==> flow/design.v <==
module mplex #(
    parameter int DW = 20
) (
    input  logic sys_clk,
    input  logic aresetn,
    input  logic [DW-1:0] in_d_0,
    input  logic [DW-1:0] in_d_1,
    input  logic [DW-1:0] in_d_2,
    input  logic [DW-1:0] in_d_3,
    input  logic [DW-1:0] in_d_4,
    input  logic [DW-1:0] in_d_5,
    input  logic [DW-1:0] in_d_6,
    input  logic [DW-1:0] in_d_7,
    input  logic [DW-1:0] in_d_8,
    input  logic [DW-1:0] in_d_9,
    input  logic [DW-1:0] in_d_10,
    input  logic [DW-1:0] in_d_11,
    input  logic [3:0] in_select,
    output logic [DW-1:0] out_result
);
    logic [DW-1:0] d_0_ff;
    logic [DW-1:0] d_1_ff;
    logic [DW-1:0] d_2_ff;
    logic [DW-1:0] d_3_ff;
    logic [DW-1:0] d_4_ff;
    logic [DW-1:0] d_5_ff;
    logic [DW-1:0] d_6_ff;
    logic [DW-1:0] d_7_ff;
    logic [DW-1:0] d_8_ff;
    logic [DW-1:0] d_9_ff;
    logic [DW-1:0] d_10_ff;
    logic [DW-1:0] d_11_ff;
    logic [3:0] select_ff;
    always_ff @(posedge sys_clk or negedge aresetn) begin
        if (!aresetn) begin
            d_0_ff <= 0;
            d_1_ff <= 0;
            d_2_ff <= 0;
            d_3_ff <= 0;
            d_4_ff <= 0;
            d_5_ff <= 0;
            d_6_ff <= 0;
            d_7_ff <= 0;
            d_8_ff <= 0;
            d_9_ff <= 0;
            d_10_ff <= 0;
            d_11_ff <= 0;
            select_ff <= 0;
        end else begin
            d_0_ff <= in_d_0;
            d_1_ff <= in_d_1;
            d_2_ff <= in_d_2;
            d_3_ff <= in_d_3;
            d_4_ff <= in_d_4;
            d_5_ff <= in_d_5;
            d_6_ff <= in_d_6;
            d_7_ff <= in_d_7;
            d_8_ff <= in_d_8;
            d_9_ff <= in_d_9;
            d_10_ff <= in_d_10;
            d_11_ff <= in_d_11;
            select_ff <= in_select;
        end
    end
    logic [DW-1:0] work;
    always_comb begin
        case (select_ff)
            0: work = d_0_ff;
            1: work = d_1_ff;
            2: work = d_2_ff;
            3: work = d_3_ff;
            4: work = d_4_ff;
            5: work = d_5_ff;
            6: work = d_6_ff;
            7: work = d_7_ff;
            8: work = d_8_ff;
            9: work = d_9_ff;
            10: work = d_10_ff;
            default: work = d_11_ff;
        endcase
    end
    assign out_result = work;
endmodule
* Reports on mplex
The steps from the RTL of mplex to its reports follow in flow order. Line numbers count from 1 in the design file above. Cell names lack the library's common part. Not given: -
Design: design top mplex, clock port sys_clk, standard-cell library sky130hd, timing corner tt_025C_1v80

* Elaborated design
Source: Yosys, flattened and elaborated, memories not mapped. Widths are those after wreduce; folded enables and synchronous resets count as part of the registers. Registers that Yosys merges into a memory's read port (data or address) are not register bits. Print and check cells do not count. Equal cells are merged and count once.
Bit counts: flip-flop bits (word level) 244, input port bits 246, output and inout bits 20, elaborated cells 25
Cells by class: equality and inequality tests 10, mux-type cells 1, reduce/logical cells 1
Operator list (number):
- case mux 20 bit (select 11 bit) | 1
- equality test 4 x 3 -> 1 bit (second input constant) | 4
- equality test 4 bit (second input constant) | 3
- equality test 4 x 2 -> 1 bit (second input constant) | 2
- equality test 4 x 1 -> 1 bit (second input constant) | 1
- logical NOT 4 bit | 1

* Logic depth
Longest topological path by Yosys (ltp), each cell counted once; first at word level (registers and memories cut), then after technology mapping (sequential cells cut; the memories' decode and read muxes count).
Depth: word-level depth 2, ABC_AREA 0, mapped depth 7

* Mapped cells and area
Yosys stat after the flow's synthesis: flattened, memories mapped to cells. It holds for the ABC_AREA given above (unset counts as 0); a run with the other value may have another netlist.
Mapped netlist: cells in the netlist 571, cell area after synthesis 8361.8 um^2, flip-flops 244
Cells by type (number):
- dfrtp_1 | 244
- mux2i_1 | 36
- a22oi_1 | 25
- nor2_1 | 30
- a21oi_1 | 22
- buf_2 | 22
- o2bb2ai_1 | 11
- a31oi_1 | 15
- mux2_2 | 8
- o22ai_1 | 13
- and3_1 | 12
- a22o_1 | 7
- o22a_1 | 7
- o32a_1 | 6
- buf_6 | 5
- nand2_1 | 15
- a211oi_1 | 7
- nor2b_1 | 8
Not listed: further types 30, cells in them 78.

* Timing after synthesis
Path of least setup slack by OpenSTA after synthesis, without wires, with an ideal clock, recovery checks aside; 20% of the period is set as input and as output delay. Where synthesis merged equal registers, the netlist keeps one of their names.
Path post-synthesis: kind reg2out, start register select_ff[0], end output out_result[6], period 2.38 ns, arrival time 1.520 ns, required time 1.904 ns, slack 0.384 ns, delay of the path 1.520 ns, stages 6, synthesis period reached 1.996 ns
"delay of the path" is the arrival time less input delay plus setup time. A path that ends at an output port has no setup time. "stages" counts driving pins, that of a launching flip-flop among them; a cell with two outputs on the path counts twice. "synthesis period reached" is the clock period less the worst setup slack; recovery checks do not enter. This is arithmetic on one report: input and output delays are still those of the set period (20% each). Between the ends stands the longest chain of elaborated cells between them, by number of cells; it is not shown to be the way that was timed. Of several equally long chains one is given. Each line given opens the expression or statement behind the cell; cells for indexed reads and writes are added by Yosys, which also makes memories of some case tables.
Between the ends, post-synthesis: cells stage by stage dfrtp_1 buf_4 or3b_2 a21oi_1 o31ai_1 a31oi_1, length of the longest elaborated chain 2
RTL lines, path post-synthesis:
- from (decl) | line 33 | logic [3:0] select_ff;
- from (assign) | line 48 | select_ff <= 0;
- from (assign) | line 62 | select_ff <= in_select;
- equality test 4 bit | line 67 | case (select_ff)
- case mux 20 bit (select 11 bit) | line 67
- to (decl) | line 19 | output logic [DW-1:0] out_result

* Path in the finished layout
Path of least setup slack in the final report of flow run A (OpenROAD, finished layout, wires in). Where an end is a register, its clock arrival counts in the times.
Path post-layout: kind reg2out, start register select_ff[2], end output out_result[4], period 1.57 ns, arrival time 2.36 ns, required time 1.26 ns, slack -1.10 ns, stages 8
Between the ends stands the longest chain of elaborated cells between them, by number of cells; it is not shown to be the way that was timed. Of several equally long chains one is given.
Between the ends, post-layout: cells stage by stage dfrtp_4 buf_12 and2b_2 a22o_1 a222oi_1 buf_4 a31oi_1 buf_2, length of the longest elaborated chain 2
RTL lines, path post-layout:
- from (decl) | line 33 | logic [3:0] select_ff;
- from (assign) | line 48 | select_ff <= 0;
- from (assign) | line 62 | select_ff <= in_select;
- equality test 4 bit | line 67 | case (select_ff)
- case mux 20 bit (select 11 bit) | line 67
- to (decl) | line 19 | output logic [DW-1:0] out_result

Memo
Re: implementation data of mplex

Settings and measured results of 3 stored flow runs for module mplex (sky130hd), not sorted in any way. The constraints put input and output delay at 20% of the set period each and load the outputs with 0.01 pF.
"reached clock period" = clock period - worst setup slack. The figure is calculated, with input and output delays left at 20% of the set period.
"worst setup path time": the worst setup path's part of the clock period (all of it between registers, 20% less for each end at a port) less its slack. A launch clock that arrives late makes it longer, a capture clock that arrives late makes it shorter.
"total design power": no workload was simulated; the value follows from the tool's default switching activity.

[flow run A] flow files
==> flow/run.sh <==
#!/bin/bash
# the make line also repeats the synthesis and layout settings of config.mk as NAME=value (left out here)
make -C /OpenROAD-flow-scripts/flow DESIGN_CONFIG=/design/flow/config.mk WORK_HOME=/design/flow/orfs CLKGATE_MAP_FILE= finish
==> flow/config.mk <==
export PLATFORM = sky130hd
export DESIGN_NAME = mplex
export DESIGN_NICKNAME = mplex
export VERILOG_FILES = /design/flow/design.v
export SDC_FILE = /design/flow/constraint.sdc
export NUM_CORES = 4
export LEC_CHECK = 0
export CAP_MARGIN = 5
export CORE_ASPECT_RATIO = 1.63
export CORE_MARGIN = 2
export CORE_UTILIZATION = 38
export SLEW_MARGIN = 35
==> flow/constraint.sdc <==
create_clock -name core_clock -period 1.57 [get_ports {sys_clk}]
set_input_delay 0.3140 -clock core_clock [delete_from_list [all_inputs] [get_ports {sys_clk}]]
set_output_delay 0.3140 -clock core_clock [all_outputs]
set_load 0.01 [all_outputs]

[flow run A] result: die area 23242.9 um^2; worst setup path time 2.36 ns; worst setup path type reg2out; total design power 13.778 mW; synthesized cell area 8361.8 um^2; setup TNS -19.965 ns; setup slack of the worst path -1.101 ns; reached clock period 2.671 ns; worst hold slack 0.234 ns; post-layout utilization 61.0 %; standard-cell area after layout 13225.2 um^2

[flow run B] flow files
==> flow/run.sh <==
#!/bin/bash
# the make line also repeats the synthesis and layout settings of config.mk as NAME=value (left out here)
make -C /OpenROAD-flow-scripts/flow DESIGN_CONFIG=/design/flow/config.mk WORK_HOME=/design/flow/orfs CLKGATE_MAP_FILE= finish
==> flow/config.mk <==
export PLATFORM = sky130hd
export DESIGN_NAME = mplex
export DESIGN_NICKNAME = mplex
export VERILOG_FILES = /design/flow/design.v
export SDC_FILE = /design/flow/constraint.sdc
export NUM_CORES = 4
export LEC_CHECK = 0
export CAP_MARGIN = 20
export CORE_MARGIN = 2
export CORE_UTILIZATION = 40
export SLEW_MARGIN = 20
==> flow/constraint.sdc <==
create_clock -name core_clock -period 2.38 [get_ports {sys_clk}]
set_input_delay 0.4760 -clock core_clock [delete_from_list [all_inputs] [get_ports {sys_clk}]]
set_output_delay 0.4760 -clock core_clock [all_outputs]
set_load 0.01 [all_outputs]

[flow run B] result: standard-cell area after layout 13725.7 um^2; reached clock period 2.806 ns; total design power 9.918 mW; worst hold slack 0.391 ns; die area 22077.5 um^2; worst setup path time 2.33 ns; worst setup path type reg2out; setup TNS -7.062 ns; synthesized cell area 8361.8 um^2; post-layout utilization 67.4 %; setup slack of the worst path -0.426 ns

[flow run C] flow files
==> flow/run.sh <==
#!/bin/bash
# the make line also repeats the synthesis and layout settings of config.mk as NAME=value (left out here)
make -C /OpenROAD-flow-scripts/flow DESIGN_CONFIG=/design/flow/config.mk WORK_HOME=/design/flow/orfs CLKGATE_MAP_FILE= finish
==> flow/config.mk <==
export PLATFORM = sky130hd
export DESIGN_NAME = mplex
export DESIGN_NICKNAME = mplex
export VERILOG_FILES = /design/flow/design.v
export SDC_FILE = /design/flow/constraint.sdc
export NUM_CORES = 4
export LEC_CHECK = 0
export CAP_MARGIN = 20
export CELL_PAD_IN_SITES_DETAIL_PLACEMENT = 0
export CORE_MARGIN = 2
export CORE_UTILIZATION = 38
export CTS_CLUSTER_DIAMETER = 198
export GPL_ROUTABILITY_DRIVEN = 1
export MAX_ROUTING_LAYER = met4
export MIN_ROUTING_LAYER = met1
export PLACE_DENSITY = 0.37
export SETUP_SLACK_MARGIN = 0.16
export SLEW_MARGIN = 30
==> flow/constraint.sdc <==
create_clock -name core_clock -period 1.38 [get_ports {sys_clk}]
set_input_delay 0.2760 -clock core_clock [delete_from_list [all_inputs] [get_ports {sys_clk}]]
set_output_delay 0.2760 -clock core_clock [all_outputs]
set_load 0.01 [all_outputs]

[flow run C] result: setup TNS -24.827 ns; standard-cell area after layout 13999.7 um^2; die area 23207.5 um^2; reached clock period 2.747 ns; setup slack of the worst path -1.367 ns; post-layout utilization 64.5 %; worst hold slack 0.181 ns; worst setup path time 2.47 ns; worst setup path type reg2out; total design power 17.077 mW; synthesized cell area 8361.8 um^2
